==> flow/design.v <==
module sync_mul_unit_stage #(
  parameter int DATA_W = 6
) (
  input logic sys_clk,
  input logic [DATA_W-1:0] a_i,
  input logic [DATA_W-1:0] b_i,
  input logic zero_i,
  output logic [2*DATA_W-1:0] m_o,
  output logic fin_o
);
  logic [DATA_W-1:0] a_reg;
  logic [DATA_W-1:0] b_reg;
  logic zero_reg;
  localparam int SEL_W = $clog2(DATA_W + 1);
  logic [DATA_W-1:0] mcand;
  logic [SEL_W-1:0] left;
  logic [2*DATA_W-1:0] state;
  logic [DATA_W:0] work;
  assign work = state[2*DATA_W-1:DATA_W] + (state[0] ? mcand : {DATA_W{1'b0}});
  assign m_o = state;
  assign fin_o = (left == 0);
  always_ff @(posedge sys_clk) begin
    a_reg <= a_i;
    b_reg <= b_i;
    zero_reg <= zero_i;
    mcand <= zero_reg ? a_reg : mcand;
    left <= zero_reg ? DATA_W : (left != 0) ? left - 1'b1 : left;
    state <= zero_reg ? {{DATA_W{1'b0}}, b_reg} : (left != 0) ? {work, state[DATA_W-1:1]} : state;
  end
endmodule
# Reports on sync_mul_unit_stage
# The steps from the RTL of sync_mul_unit_stage to its reports follow in flow order.
# Line numbers count from 1 in the design file above.
# Not given: -
[inputs] top="sync_mul_unit_stage" clock_port="sys_clk" library="sky130hd" lib_corner="tt_025C_1v80"

# After elaboration
# Yosys after proc, flatten, opt, wreduce and memory -nomap, before mapping. Memory bits, and registers merged into a memory's read port (data or address), are not among the register bits. Print and check cells are not counted. Equal cells are merged and count once.
[word_totals] ff_bits=34 latch_bits=0 ram_bits=0 rom_bits=0 clocked_rd_ports_x_width=0 memories=0 input_bits=14 output_inout_bits=13 word_cells=15
[classes] add_sub_neg=2 mul=0 div=0 cmp=0 n_eq=0 n_shift=0 mux=3 n_logic=0 reduce_and_logical=3
[ops] op="6-bit two-way mux" count=3
[ops] op="6-bit by 6-bit adder with 7-bit output" count=1
[ops] op="3-bit by 1-bit subtractor with 3-bit output (second input constant)" count=1
[ops] op="3-bit zero test" count=1
[ops] op="3-bit nonzero test" count=1
[ops] op="2-bit nonzero test" count=1

# Longest topological paths
# Yosys ltp: most cells in a row. Word level: on the elaborated netlist, between registers, memories and ports. Mapped: between sequential cells and ports; inverters and the memories' decode and read muxes count.
[depth] word_depth=4 ABC_AREA=0 mapped_depth=8 depth_no_buf=8

# Mapped cells and area
# The flow's flattened synthesis, as Yosys stat reports it; memories are mapped. The netlist is that of the ABC_AREA named above (0 if unset); the other value can give another one.
# The area totals of this step are shown rounded.
[by_type] type="sky130_fd_sc_hd__dfxtp_1" count=22 area_total_um2=440.422
[by_type] type="sky130_fd_sc_hd__edfxtp_1" count=12 area_total_um2=360.346
[by_type] type="sky130_fd_sc_hd__ha_1" count=8 area_total_um2=100.096
[by_type] type="sky130_fd_sc_hd__mux2_2" count=6 area_total_um2=67.565
[by_type] type="sky130_fd_sc_hd__nor2_1" count=9 area_total_um2=33.782
[by_type] type="sky130_fd_sc_hd__and2_1" count=5 area_total_um2=31.28
[by_type] type="sky130_fd_sc_hd__nand2b_1" count=5 area_total_um2=31.28
[by_type] type="sky130_fd_sc_hd__a21oi_1" count=6 area_total_um2=30.029
[by_type] type="sky130_fd_sc_hd__a211oi_2" count=2 area_total_um2=25.024
[by_type] type="sky130_fd_sc_hd__inv_1" count=6 area_total_um2=22.522
[by_type] type="sky130_fd_sc_hd__fa_1" count=1 area_total_um2=20.019
[by_type] type="sky130_fd_sc_hd__o21ai_0" count=4 area_total_um2=20.019
[by_type] type="sky130_fd_sc_hd__nand2_1" count=5 area_total_um2=18.768
[by_type] type="sky130_fd_sc_hd__xnor2_1" count=2 area_total_um2=17.517
[by_type] type="sky130_fd_sc_hd__a211oi_1" count=2 area_total_um2=15.014
[by_type] type="sky130_fd_sc_hd__o31ai_2" count=1 area_total_um2=12.512
[by_type] type="sky130_fd_sc_hd__o41ai_1" count=1 area_total_um2=8.758
[by_type] type="sky130_fd_sc_hd__buf_4" count=1 area_total_um2=7.507
# Other cell types: 8; their cells: 8.
[synth_totals] stdcells=106 yosys_area_mm2=0.001308 seqArea_mm2=0.0008008 flip_flops=34

# Path before layout
# Path of least setup slack by OpenSTA after synthesis, without wires, with an ideal clock, recovery checks aside; 20% of the period is set as input and as output delay. Where synthesis merged equal registers, the netlist keeps one of their names.
[synth_timing] path_kind="reg2reg" from="register state[0]" to="register state[11]" tclk_ns=2.3 setup_ns=0.086 arrival_ns=1.751 required_time_ns=2.214 slack_ns=0.464 path_delay_ns=1.837 path_stages=9 synth_period_reached_ns=1.836
# "path_delay_ns" is the arrival time less input delay plus setup time.
# "path_stages" counts driving pins, that of a launching flip-flop among them; a cell with two outputs on the path counts twice.
# "synth_period_reached_ns" is the clock period less the worst setup slack; recovery checks do not enter. This is arithmetic on one report: input and output delays are still those of the set period (20% each).
# The rows between start and end are the longest chain of elaborated cells between them; the timing report does not say that the signal goes this way. Where chains are equally long, one stands for them.
# A line is the first line of the expression or statement that the cell stems from. Yosys adds cells for indexed reads and writes and turns some case tables into memories.
[synth_via] path_cell_list="sky130_fd_sc_hd__edfxtp_1 sky130_fd_sc_hd__and2_1 sky130_fd_sc_hd__ha_1 sky130_fd_sc_hd__inv_1 sky130_fd_sc_hd__fa_1 sky130_fd_sc_hd__nand2b_1 sky130_fd_sc_hd__a21oi_1 sky130_fd_sc_hd__o21ai_0 sky130_fd_sc_hd__a211oi_1" elab_chain_len=2
[synth_rtl] item="start, declared" line_no=17 rtl="logic [2*DATA_W-1:0] state;"
[synth_rtl] item="start, assigned" line_no=28 rtl="state <= zero_reg ? {{DATA_W{1'b0}}, b_reg} : (left != 0) ? {work, state[DATA_W-1:1]} : state;"
[synth_rtl] item="6-bit two-way mux" line_no=19 rtl="assign work = state[2*DATA_W-1:DATA_W] + (state[0] ? mcand : {DATA_W{1'b0}});"
[synth_rtl] item="6-bit by 6-bit adder with 7-bit output" line_no=19
[synth_rtl] item="end, assigned" line_no=28
[synth_rtl] item="end, declared" line_no=17

# Worst path after layout
# Path of least setup slack in the final report of flow run A (OpenROAD, finished layout, wires in). Where an end is a register, its clock arrival counts in the times.
[layout_timing] path_kind="reg2out" from="register left[0]" to="output port fin_o" tclk_ns=2.3 arrival_ns=1.67 required_time_ns=1.84 slack_ns=0.17 path_stages=6
# The rows between start and end are the longest chain of elaborated cells between them; the timing report does not say that the signal goes this way. Where chains are equally long, one stands for them.
[layout_via] path_cell_list="sky130_fd_sc_hd__dfxtp_1 sky130_fd_sc_hd__inv_1 sky130_fd_sc_hd__ha_1 sky130_fd_sc_hd__nand2b_1 sky130_fd_sc_hd__inv_2 sky130_fd_sc_hd__clkdlybuf4s50_1" elab_chain_len=1
[layout_rtl] item="start, declared" line_no=16 rtl="logic [SEL_W-1:0] left;"
[layout_rtl] item="start, assigned" line_no=27 rtl="left <= zero_reg ? DATA_W : (left != 0) ? left - 1'b1 : left;"
[layout_rtl] item="3-bit zero test" line_no=21 rtl="assign fin_o = (left == 0);"
[layout_rtl] item="end, declared" line_no=9 rtl="output logic fin_o"

# Flow measurements of sync_mul_unit_stage on sky130hd: 3 stored runs with different settings, listed in no order. Input and output delays are each 20% of the period that was set; the output load is 0.01 pF.
# "achieved_clock_period_ns" means the clock period less the worst setup slack. The figure is calculated, with input and output delays left at 20% of the set period.
# "worstPathTime_ns" means the part of the period allowed to the worst setup path (the constraints hold back 20% at inputs and 20% at outputs) less its slack; where the path has registers, the arrival times of their clocks count too.
# By "total_power_w" is meant OpenSTA's value without simulated activity: inputs other than the clock are taken to toggle once in ten clock periods, and the tool carries that through the logic.
# The measured numbers are rounded.
run="flow run A" settings period_ns=2.3 CAP_MARGIN=20 CORE_MARGIN=2 CORE_UTILIZATION=40 SLEW_MARGIN=20
run="flow run A" results synth_area_mm2=0.001308 die_footprint_mm2=0.003742 stdcell_area_mm2=0.00167 layout_utilization_pct=54.3 final_setup_ws_ns=0.167 fin_tns_ns=0.000 fin_hold_ws_ns=0.412 total_power_w=0.001318 achieved_clock_period_ns=2.133 worstPathTime_ns=1.67 timing.worst_path_kind="reg2out"
run="flow run B" settings period_ns=2.81 CORE_UTILIZATION=29 PLACE_DENSITY=0.42 CORE_ASPECT_RATIO=0.59 CELL_PAD_IN_SITES_DETAIL_PLACEMENT=0 TNS_END_PERCENT=55 ABC_AREA=0 GPL_TIMING_DRIVEN=0 CTS_CLUSTER_DIAMETER=128 CAP_MARGIN=10 SLEW_MARGIN=40 MIN_ROUTING_LAYER="met1" CORE_MARGIN=2
run="flow run B" results synth_area_mm2=0.001308 die_footprint_mm2=0.00508 stdcell_area_mm2=0.001743 layout_utilization_pct=40.9 final_setup_ws_ns=0.429 fin_tns_ns=0.000 fin_hold_ws_ns=0.404 total_power_w=0.00122 achieved_clock_period_ns=2.381 worstPathTime_ns=1.82 timing.worst_path_kind="reg2out"
run="flow run C" settings period_ns=1.78 CORE_UTILIZATION=60 SETUP_SLACK_MARGIN=0.41 PLACE_DENSITY_LB_ADDON=0.12 CELL_PAD_IN_SITES_GLOBAL_PLACEMENT=3 CTS_CLUSTER_SIZE=52 MAX_ROUTING_LAYER="met5" CAP_MARGIN=20 CORE_MARGIN=2 SLEW_MARGIN=20
run="flow run C" outcome="unfinished; error FLW-0024 in placement"
